==> flow/design.v <==
module ex_rf_rtl #(
    parameter NWORDS = 64,
    parameter W = 16,
    parameter ADDR_WIDTH = $clog2(NWORDS)
) (
    input  clock,
    input  wr,
    input  [ADDR_WIDTH-1:0] wr_addr,
    input  [W-1:0] wr_data,
    input  [ADDR_WIDTH-1:0] raddr1,
    input  [ADDR_WIDTH-1:0] raddr2,
    output [W-1:0] q1,
    output [W-1:0] q2
);
    reg wr_r;
    reg [ADDR_WIDTH-1:0] wr_addr_r;
    reg [W-1:0] wr_data_r;
    reg [W-1:0] ram [NWORDS-1:0];
    always @(posedge clock) begin
        if (wr_r)
            ram[wr_addr_r] <= wr_data_r;
    end
    reg [ADDR_WIDTH-1:0] raddr1_r;
    reg [ADDR_WIDTH-1:0] raddr2_r;
    assign q1 = (wr_r && wr_addr_r == raddr1_r) ? wr_data_r : ram[raddr1_r];
    assign q2 = (wr_r && wr_addr_r == raddr2_r) ? wr_data_r : ram[raddr2_r];
    always @(posedge clock) begin
        wr_r <= wr;
        wr_addr_r <= wr_addr;
        wr_data_r <= wr_data;
        raddr1_r <= raddr1;
        raddr2_r <= raddr2;
    end
endmodule
### From RTL to reports: ex_rf_rtl

The steps from the RTL of ex_rf_rtl to its reports follow in flow order.
Lines are those of the file above, counted from 1.
Operators: Yosys type, input widths -> output width; for muxes data width and select width s.
Cell names lack the library's common part.
The mark n/a stands for no value.

| design | value |
|---|---|
| design top | ex_rf_rtl |
| clock | clock |
| library | sky130hd |
| timing corner | tt_025C_1v80 |

### Elaborated design

Yosys after proc, flatten, opt, wreduce and memory -nomap, before mapping. Enables and synchronous resets that opt folds into registers are not counted as muxes. Print and check cells are not counted. Equal cells are merged and count once.
Yosys's memory passes give these memory sizes; they may raise the number of words (mostly to a power of two), join words into wider ones and drop unused or constant bits.

| operators by class | value |
|---|---|
| equal/unequal tests | 2 |
| multiplexer cells | 5 |
| reduce/logical cells | 2 |

Operators with widths:

| operator | count |
|---|---|
| $mux 16 | 3 |
| $eq 6x6->1 | 2 |
| $mux 6 | 1 |
| $logic_and 1x1->1 | 2 |
| $mux 1 | 1 |

| word-level totals | value |
|---|---|
| register bits after elaboration | 35 |
| memory bits (writable) | 1024 |
| clocked read ports x word width | 32 |
| memory cells | 1 |
| word-level cells | 15 |

Memories:

| name | depth | bits a word | rd ports | wr ports | line | source |
|---|---|---|---|---|---|---|
| ram | 64 | 16 | 2 | 1 | 18 | `reg [W-1:0] ram [NWORDS-1:0];` |

### Longest topological paths

Yosys ltp: most cells in a row. Word level: on the elaborated netlist, between registers, memories and ports. Mapped: between sequential cells and ports; inverters and the memories' decode and read muxes count.

| logic depth | value |
|---|---|
| word-level depth | 3 |
| ABC_AREA | 0 |
| gate-level depth with buffers | 11 |
| mapped depth without buffers | 6 |

### After synthesis

The flow's flattened synthesis, as Yosys stat reports it; memories are mapped. The netlist is that of the ABC_AREA named above (0 if unset); the other value can give another one.

Cell types:

| type | count | total area (sq um) |
|---|---|---|
| edfxtp_1 | 1024 | 3.07E+04 |
| mux2i_1 | 757 | 7.58E+03 |
| mux4_2 | 152 | 3.42E+03 |
| a22oi_1 | 344 | 2.58E+03 |
| nand3_1 | 170 | 850.816 |
| dfxtp_1 | 35 | 700.672 |
| nand2_1 | 162 | 608.083 |
| buf_2 | 121 | 605.581 |
| a21oi_1 | 77 | 385.37 |
| clkbuf_1 | 93 | 349.085 |
| nor2_1 | 88 | 330.317 |
| buf_4 | 25 | 187.68 |
| a32oi_1 | 14 | 122.618 |
| a41oi_1 | 14 | 122.618 |
| a211oi_1 | 15 | 112.608 |
| a31oi_1 | 15 | 93.84 |
| o21ai_0 | 18 | 90.086 |
| nor2b_1 | 12 | 75.072 |

Other cell types: 32; their cells: 72.

| synthesis totals | value |
|---|---|
| cells in the netlist | 3208 |
| chip area (Yosys) | 0.0495237 sq mm |
| sequential part of the area | 0.0314502 sq mm |
| mapped flip-flops | 1059 |
| buffer cells | 248 |

### Path before layout

Source: OpenSTA report_checks on the synthesized netlist (no wires, ideal clock, input and output delay 20% of the period each), path of least setup slack; recovery checks are left aside. Register names are those of the netlist, which keeps one name where synthesis merged equal registers.

| path post-synthesis | value |
|---|---|
| kind | reg-to-reg |
| start point | register wr_r |
| end point | memory ram[48][0] |
| clock period | 3.16 ns |
| library setup time | 0.409 ns |
| arrival time | 2.118 ns |
| data required time | 2.751 ns |
| slack | 0.633 ns |
| delay of the path | 2.527 ns |
| stages | 5 |
| buffers on the path | 1 |
| synthesis period reached | 2.527 ns |

"delay of the path" is the arrival time less input delay plus setup time.
"stages" counts driving pins, that of a launching flip-flop among them; a cell with two outputs on the path counts twice.
"synthesis period reached" = period - worst setup slack (recovery checks aside). The figure is calculated, with input and output delays left at 20% of the set period.
Between the ends stands the longest chain of elaborated cells between them, by number of cells; it is not shown to be the way that was timed. Of several equally long chains one is given.
Each line given opens the expression or statement behind the cell; cells for indexed reads and writes are added by Yosys, which also makes memories of some case tables.
The path ends at the enable pin of a flip-flop; only ways to that pin are counted.

| between the ends, post-synthesis | value |
|---|---|
| cell sequence | dfxtp_1 -> clkbuf_1 -> nand3_1 -> or3_1 -> nor3_1 |
| cells in the longest elaborated chain | 1 |

RTL lines, path post-synthesis:

| item | line | source |
|---|---|---|
| from (decl) | 15 | `reg wr_r;` |
| from (assign) | 28 | `wr_r <= wr;` |
| $mux 6 | 20 | `if (wr_r)` |
| to (decl) | 18 | `reg [W-1:0] ram [NWORDS-1:0];` |

### Path in the finished layout

Path of least setup slack in the final report of run 1 (OpenROAD, finished layout, wires in). Where an end is a register, its clock arrival counts in the times.

| path post-layout | value |
|---|---|
| kind | reg-to-output |
| start point | register raddr1_r[2] |
| end point | output q1[13] |
| clock period | 3.16 ns |
| output delay | 0.63 ns |
| arrival time | 3.12 ns |
| data required time | 2.53 ns |
| slack | -0.59 ns |
| stages | 11 |
| buffers on the path | 4 |

Between the ends stands the longest chain of elaborated cells between them, by number of cells; it is not shown to be the way that was timed. Of several equally long chains one is given.

| between the ends, post-layout | value |
|---|---|
| cell sequence | dfxtp_4 -> buf_6 -> buf_16 -> buf_4 -> mux2i_1 -> a22oi_1 -> nand3_2 -> nand3_4 -> a21oi_4 -> o211ai_1 -> buf_2 |
| cells in the longest elaborated chain | 3 |

RTL lines, path post-layout:

| item | line | source |
|---|---|---|
| from (decl) | 23 | `reg [ADDR_WIDTH-1:0] raddr1_r;` |
| from (assign) | 31 | `raddr1_r <= raddr1;` |
| $eq 6x6->1 | 25 | `assign q1 = (wr_r && wr_addr_r == raddr1_r) ? wr_data_r : ram[raddr1_r];` |
| $logic_and 1x1->1 | 25 |  |
| $mux 16 | 25 |  |
| to (decl) | 12 | `output [W-1:0] q1,` |

FLOW RESULTS
============

Record of 3 stored runs of the RTL-to-layout flow on ex_rf_rtl, platform sky130hd. The runs are unordered. Constraints: input delay and output delay 20% of the set period each, output load 0.01 pF.
"achieved period": clock period set for the run, less the worst setup slack. It is reckoned from that one timing run; input and output delays stay at 20% of the period that was set.
By "worst setup path time" is meant the share of the clock period that the worst setup path is allowed (20% is reserved at inputs, 20% at outputs), minus its slack. Clock arrival times at its registers enter into it.
"power consumption" rests on the timing tool's default activity at the inputs, not on a simulated workload.

#### Run 1

| setting | value |
|---|---|
| period_ns | `3.16` |
| CAP_MARGIN | `20` |
| CORE_MARGIN | `2` |
| CORE_UTILIZATION | `40` |
| SLEW_MARGIN | `20` |

| result | value |
|---|---|
| area inside the die boundary | 0.12664 sq mm |
| worst setup path time | 3.12 ns |
| critical path type | reg-to-output |
| worst slack on setup checks | -0.588 ns |
| power consumption | 33035 uW |
| setup total negative slack | -14.274 ns |
| achieved period | 3.748 ns |
| utilization of the finished layout | 53.1 % |
| chip area in the Yosys report | 0.0495237 sq mm |
| standard-cell area after routing | 0.0655103 sq mm |
| worst-case hold slack | 0.343 ns |

#### Run 2

| setting | value |
|---|---|
| period_ns | `2.15` |
| CORE_UTILIZATION | `31` |
| PLACE_DENSITY_LB_ADDON | `0.09` |
| CORE_ASPECT_RATIO | `0.77` |
| CELL_PAD_IN_SITES_DETAIL_PLACEMENT | `2` |
| TNS_END_PERCENT | `20` |
| ABC_AREA | `0` |
| GPL_ROUTABILITY_DRIVEN | `1` |
| CTS_CLUSTER_SIZE | `91` |
| CTS_CLUSTER_DIAMETER | `339` |
| SLEW_MARGIN | `40` |
| MAX_ROUTING_LAYER | `met4` |
| CAP_MARGIN | `20` |
| CORE_MARGIN | `2` |

| result | value |
|---|---|
| area inside the die boundary | 0.162995 sq mm |
| worst setup path time | 3.25 ns |
| critical path type | reg-to-output |
| worst slack on setup checks | -1.527 ns |
| power consumption | 37038 uW |
| setup total negative slack | -44.484 ns |
| achieved period | 3.677 ns |
| utilization of the finished layout | 40.8 % |
| chip area in the Yosys report | 0.0495237 sq mm |
| standard-cell area after routing | 0.0645507 sq mm |
| worst-case hold slack | 0.043 ns |

#### Run 3

| setting | value |
|---|---|
| period_ns | `3.25` |
| CORE_UTILIZATION | `32` |
| SETUP_SLACK_MARGIN | `-0.0` |
| PLACE_DENSITY_LB_ADDON | `0.09` |
| CORE_ASPECT_RATIO | `0.63` |
| CELL_PAD_IN_SITES_GLOBAL_PLACEMENT | `1` |
| CELL_PAD_IN_SITES_DETAIL_PLACEMENT | `1` |
| ABC_AREA | `1` |
| CAP_MARGIN | `5` |
| MIN_ROUTING_LAYER | `met2` |
| CORE_MARGIN | `2` |
| SLEW_MARGIN | `20` |

| result | value |
|---|---|
| area inside the die boundary | 0.169458 sq mm |
| worst setup path time | 3.33 ns |
| critical path type | reg-to-output |
| worst slack on setup checks | -0.728 ns |
| power consumption | 35363 uW |
| setup total negative slack | -17.045 ns |
| achieved period | 3.978 ns |
| utilization of the finished layout | 43.2 % |
| chip area in the Yosys report | 0.0531497 sq mm |
| standard-cell area after routing | 0.0710994 sq mm |
| worst-case hold slack | 0.249 ns |
